==> flow/design.v <==
module alu_selector (clk, i_rst_n, data_i, choose_i, z_o_o);
    parameter XLEN = 4;
    parameter NIN = 6;
    input clk;
    input i_rst_n;
    input [NIN*XLEN-1:0] data_i;
    input [NIN-1:0] choose_i;
    output reg [XLEN-1:0] z_o_o;
    reg [NIN*XLEN-1:0] data_ff;
    reg [NIN-1:0] choose_ff;
    reg [XLEN-1:0] val;
    integer t;
    always @* begin
        val = 0;
        for (t = NIN-1; t >= 0; t = t - 1)
            if (choose_ff[t]) val = data_ff[t*XLEN +: XLEN];
    end
    always @(posedge clk or negedge i_rst_n) begin
        if (~i_rst_n) begin
            data_ff <= 0;
            choose_ff <= 0;
            z_o_o <= 0;
        end else begin
            data_ff <= data_i;
            choose_ff <= choose_i;
            z_o_o <= val;
        end
    end
endmodule
From RTL to reports: alu_selector
What the tools print for alu_selector, step after step. Lines are those of the file above, counted from 1. Cell names lack the library's common part. A cell with - has no value.

Top: alu_selector. Clock input: clk. Library: sky130hd. Library corner: tt_025C_1v80.

After elaboration
Source: Yosys, flattened and elaborated, memories not mapped. Widths are those after wreduce; folded enables and synchronous resets count as part of the registers. Registers that Yosys merges into a memory's read port (data or address) are not register bits. Print and check cells do not count. Equal cells are merged and count once.

Under mux-type cells stands 6.

Operators by type and width (number): 4-bit two-way mux (6).

Under register bits after elaboration stands 34. The entry for input bits reads 32. Output and inout port bits: 4. Elaborated cells: 9.

Depth
Longest topological path by Yosys (ltp), each cell counted once; first at word level (registers and memories cut), then after technology mapping (sequential cells cut; the memories' decode and read muxes count).

The figure for word-level depth is 6. For ABC_AREA the number is 0. Gate-level depth with buffers: 4. Under gate-level depth less buffers stands 3.

After synthesis
Source: synth_stat.txt of the flow (Yosys; design flattened, memories mapped). It holds for the ABC_AREA given above (unset counts as 0); a run with the other value may have another netlist. The area totals of this step are shown rounded.

Cell types (number): dfrtp_1 (34); a221oi_1 (8); o221ai_1 (4); nor2b_1 (5); o22ai_1 (4); nor2_4 (1); nor2b_2 (1); inv_1 (2); clkbuf_2 (1).

For cells in the netlist the number is 60. The figure for chip area (Yosys) is 1000 µm². The entry for sequential area reads 850 µm². For flip-flop cells the number is 34. For buffers the number is 1.

Timing after synthesis
Source: OpenSTA report_checks on the synthesized netlist (no wires, ideal clock, input and output delay 20% of the period each), path of least setup slack; recovery checks are left aside. Register names are those of the netlist, which keeps one name where synthesis merged equal registers.

Kind: register to register. Start point: register (no name shown). End point: register z_o_o[2]. For period the number is 1.28 ns. For library setup time the number is 0.135 ns. For time at the first pin the number is 0.000 ns. The entry for arrival time reads 0.887 ns. The figure for path slack is 0.257 ns. The entry for path delay reads 1.022 ns. The entry for stages reads 4. The entry for buffers on the path reads 0. For period reached after synthesis the number is 1.023 ns.

"path delay" = arrival - input delay + setup time. "stages": output pins that drive a net of the path, with the launching flip-flop's if there is one; two outputs of one cell count as two. "period reached after synthesis" = period - worst setup slack (recovery checks aside). The figure is calculated, with input and output delays left at 20% of the set period. Between the ends stands the longest chain of elaborated cells between them, by number of cells; it is not shown to be the way that was timed. Of several equally long chains one is given. A line is the first line of the expression or statement that the cell stems from. Yosys adds cells for indexed reads and writes and turns some case tables into memories.

Cells stage by stage: dfrtp_1 > nor2b_2 > a221oi_1 > o22ai_1. The entry for length of the longest elaborated chain reads 3.

Ends and longest elaborated chain, post-synthesis: from (decl) (RTL line 10); from (assign) (RTL line 21); from (assign) (RTL line 25); 4-bit two-way mux (3 in a row) (RTL line 16); to (assign) (RTL line 22) `z_o_o <= 0;`; to (assign) (RTL line 26) `z_o_o <= val;`; to (decl) (RTL line 8) `output reg [XLEN-1:0] z_o_o;`.

Timing after layout
From the final timing report of job 2: the path of least setup slack in the routed layout; clock arrival at registers is part of the times.

Kind: register to register. Start point: register (no name shown). End point: register z_o_o[3]. For period the number is 1.25 ns. For library setup time the number is 0.14 ns. For time at the first pin the number is 0.28 ns. The entry for arrival time reads 1.33 ns. The figure for path slack is 0.06 ns. The entry for stages reads 4. The entry for buffers on the path reads 0.

Between the ends stands the longest chain of elaborated cells between them, by number of cells; it is not shown to be the way that was timed. Of several equally long chains one is given.

Cells stage by stage: dfrtp_1 > nor2b_2 > a221oi_1 > o22ai_1. The entry for length of the longest elaborated chain reads 3.

Ends and longest elaborated chain, after layout: from (decl) (RTL line 10); from (assign) (RTL line 21); from (assign) (RTL line 25); 4-bit two-way mux (3 in a row) (RTL line 16); to (assign) (RTL line 22) `z_o_o <= 0;`; to (assign) (RTL line 26) `z_o_o <= val;`; to (decl) (RTL line 8) `output reg [XLEN-1:0] z_o_o;`.

Ticket comment

Measured data: module alu_selector, platform sky130hd, 3 stored runs of the flow under differing settings, order arbitrary. Input and output delays are each 20% of the period that was set; the output load is 0.01 pF. "achieved period": clock period set for the run, less the worst setup slack. It is reckoned from that one timing run; input and output delays stay at 20% of the period that was set. By "worst path time" is meant the share of the clock period that the worst setup path is allowed (20% is reserved at inputs, 20% at outputs), minus its slack. Clock arrival times at its registers enter into it. "total power after layout" rests on the timing tool's default activity at the inputs, not on a simulated workload. Measured values are rounded.

Files of job 1:
==> flow/run.sh <==
#!/bin/bash
# the make line also repeats the synthesis and layout settings of config.mk as NAME=value (left out here)
make -C /OpenROAD-flow-scripts/flow DESIGN_CONFIG=/design/flow/config.mk WORK_HOME=/design/flow/orfs CLKGATE_MAP_FILE= finish
==> flow/config.mk <==
export PLATFORM = sky130hd
export DESIGN_NAME = alu_selector
export DESIGN_NICKNAME = alu_selector
export VERILOG_FILES = /design/flow/design.v
export SDC_FILE = /design/flow/constraint.sdc
export NUM_CORES = 4
export LEC_CHECK = 0
export CAP_MARGIN = 10
export CELL_PAD_IN_SITES_DETAIL_PLACEMENT = 2
export CELL_PAD_IN_SITES_GLOBAL_PLACEMENT = 2
export CORE_ASPECT_RATIO = 0.52
export CORE_MARGIN = 2
export CORE_UTILIZATION = 60
export PLACE_DENSITY = 0.71
export SETUP_SLACK_MARGIN = 0.1
export SLEW_MARGIN = 40
export TNS_END_PERCENT = 75
==> flow/constraint.sdc <==
create_clock -name core_clock -period 1.09 [get_ports {clk}]
set_input_delay 0.2180 -clock core_clock [delete_from_list [all_inputs] [get_ports {clk}]]
set_output_delay 0.2180 -clock core_clock [all_outputs]
set_load 0.01 [all_outputs]

Outcome of job 1: did not finish, floorplanning stopped with PDN-0185.

Files of job 2:
==> flow/run.sh <==
#!/bin/bash
# the make line also repeats the synthesis and layout settings of config.mk as NAME=value (left out here)
make -C /OpenROAD-flow-scripts/flow DESIGN_CONFIG=/design/flow/config.mk WORK_HOME=/design/flow/orfs CLKGATE_MAP_FILE= finish
==> flow/config.mk <==
export PLATFORM = sky130hd
export DESIGN_NAME = alu_selector
export DESIGN_NICKNAME = alu_selector
export VERILOG_FILES = /design/flow/design.v
export SDC_FILE = /design/flow/constraint.sdc
export NUM_CORES = 4
export LEC_CHECK = 0
export CAP_MARGIN = 20
export CELL_PAD_IN_SITES_DETAIL_PLACEMENT = 2
export CELL_PAD_IN_SITES_GLOBAL_PLACEMENT = 3
export CORE_ASPECT_RATIO = 1.46
export CORE_MARGIN = 2
export CORE_UTILIZATION = 31
export CTS_CLUSTER_DIAMETER = 150
export PLACE_DENSITY_LB_ADDON = 0.12
export SETUP_SLACK_MARGIN = 0.02
export SLEW_MARGIN = 20
==> flow/constraint.sdc <==
create_clock -name core_clock -period 1.25 [get_ports {clk}]
set_input_delay 0.2500 -clock core_clock [delete_from_list [all_inputs] [get_ports {clk}]]
set_output_delay 0.2500 -clock core_clock [all_outputs]
set_load 0.01 [all_outputs]

Results of job 2. The achieved period is 1.187 ns. For the total negative setup slack the run shows 0.000 ns. For the total power after layout the run shows 2.2 mW. The worst setup slack after layout is 0.063 ns. The measured area inside the die boundary is 3900 µm². For the utilization after routing the run shows 48%. The measured std-cell area (final layout) is 1600 µm². The synthesis area reads 1000 µm². For the worst path time the run shows 1.19 ns. Worst setup path kind: register to register.

Files of job 3:
==> flow/run.sh <==
#!/bin/bash
# the make line also repeats the synthesis and layout settings of config.mk as NAME=value (left out here)
make -C /OpenROAD-flow-scripts/flow DESIGN_CONFIG=/design/flow/config.mk WORK_HOME=/design/flow/orfs CLKGATE_MAP_FILE= finish
==> flow/config.mk <==
export PLATFORM = sky130hd
export DESIGN_NAME = alu_selector
export DESIGN_NICKNAME = alu_selector
export VERILOG_FILES = /design/flow/design.v
export SDC_FILE = /design/flow/constraint.sdc
export NUM_CORES = 4
export LEC_CHECK = 0
export CAP_MARGIN = 20
export CORE_MARGIN = 2
export CORE_UTILIZATION = 40
export SLEW_MARGIN = 20
==> flow/constraint.sdc <==
create_clock -name core_clock -period 1.28 [get_ports {clk}]
set_input_delay 0.2560 -clock core_clock [delete_from_list [all_inputs] [get_ports {clk}]]
set_output_delay 0.2560 -clock core_clock [all_outputs]
set_load 0.01 [all_outputs]

Results of job 3. The achieved period is 1.219 ns. For the total negative setup slack the run shows 0.000 ns. For the total power after layout the run shows 1.9 mW. The worst setup slack after layout is 0.061 ns. The measured area inside the die boundary is 3000 µm². For the utilization after routing the run shows 61%. The measured std-cell area (final layout) is 1500 µm². The synthesis area reads 1000 µm². For the worst path time the run shows 0.96 ns. Worst setup path kind: register to output.
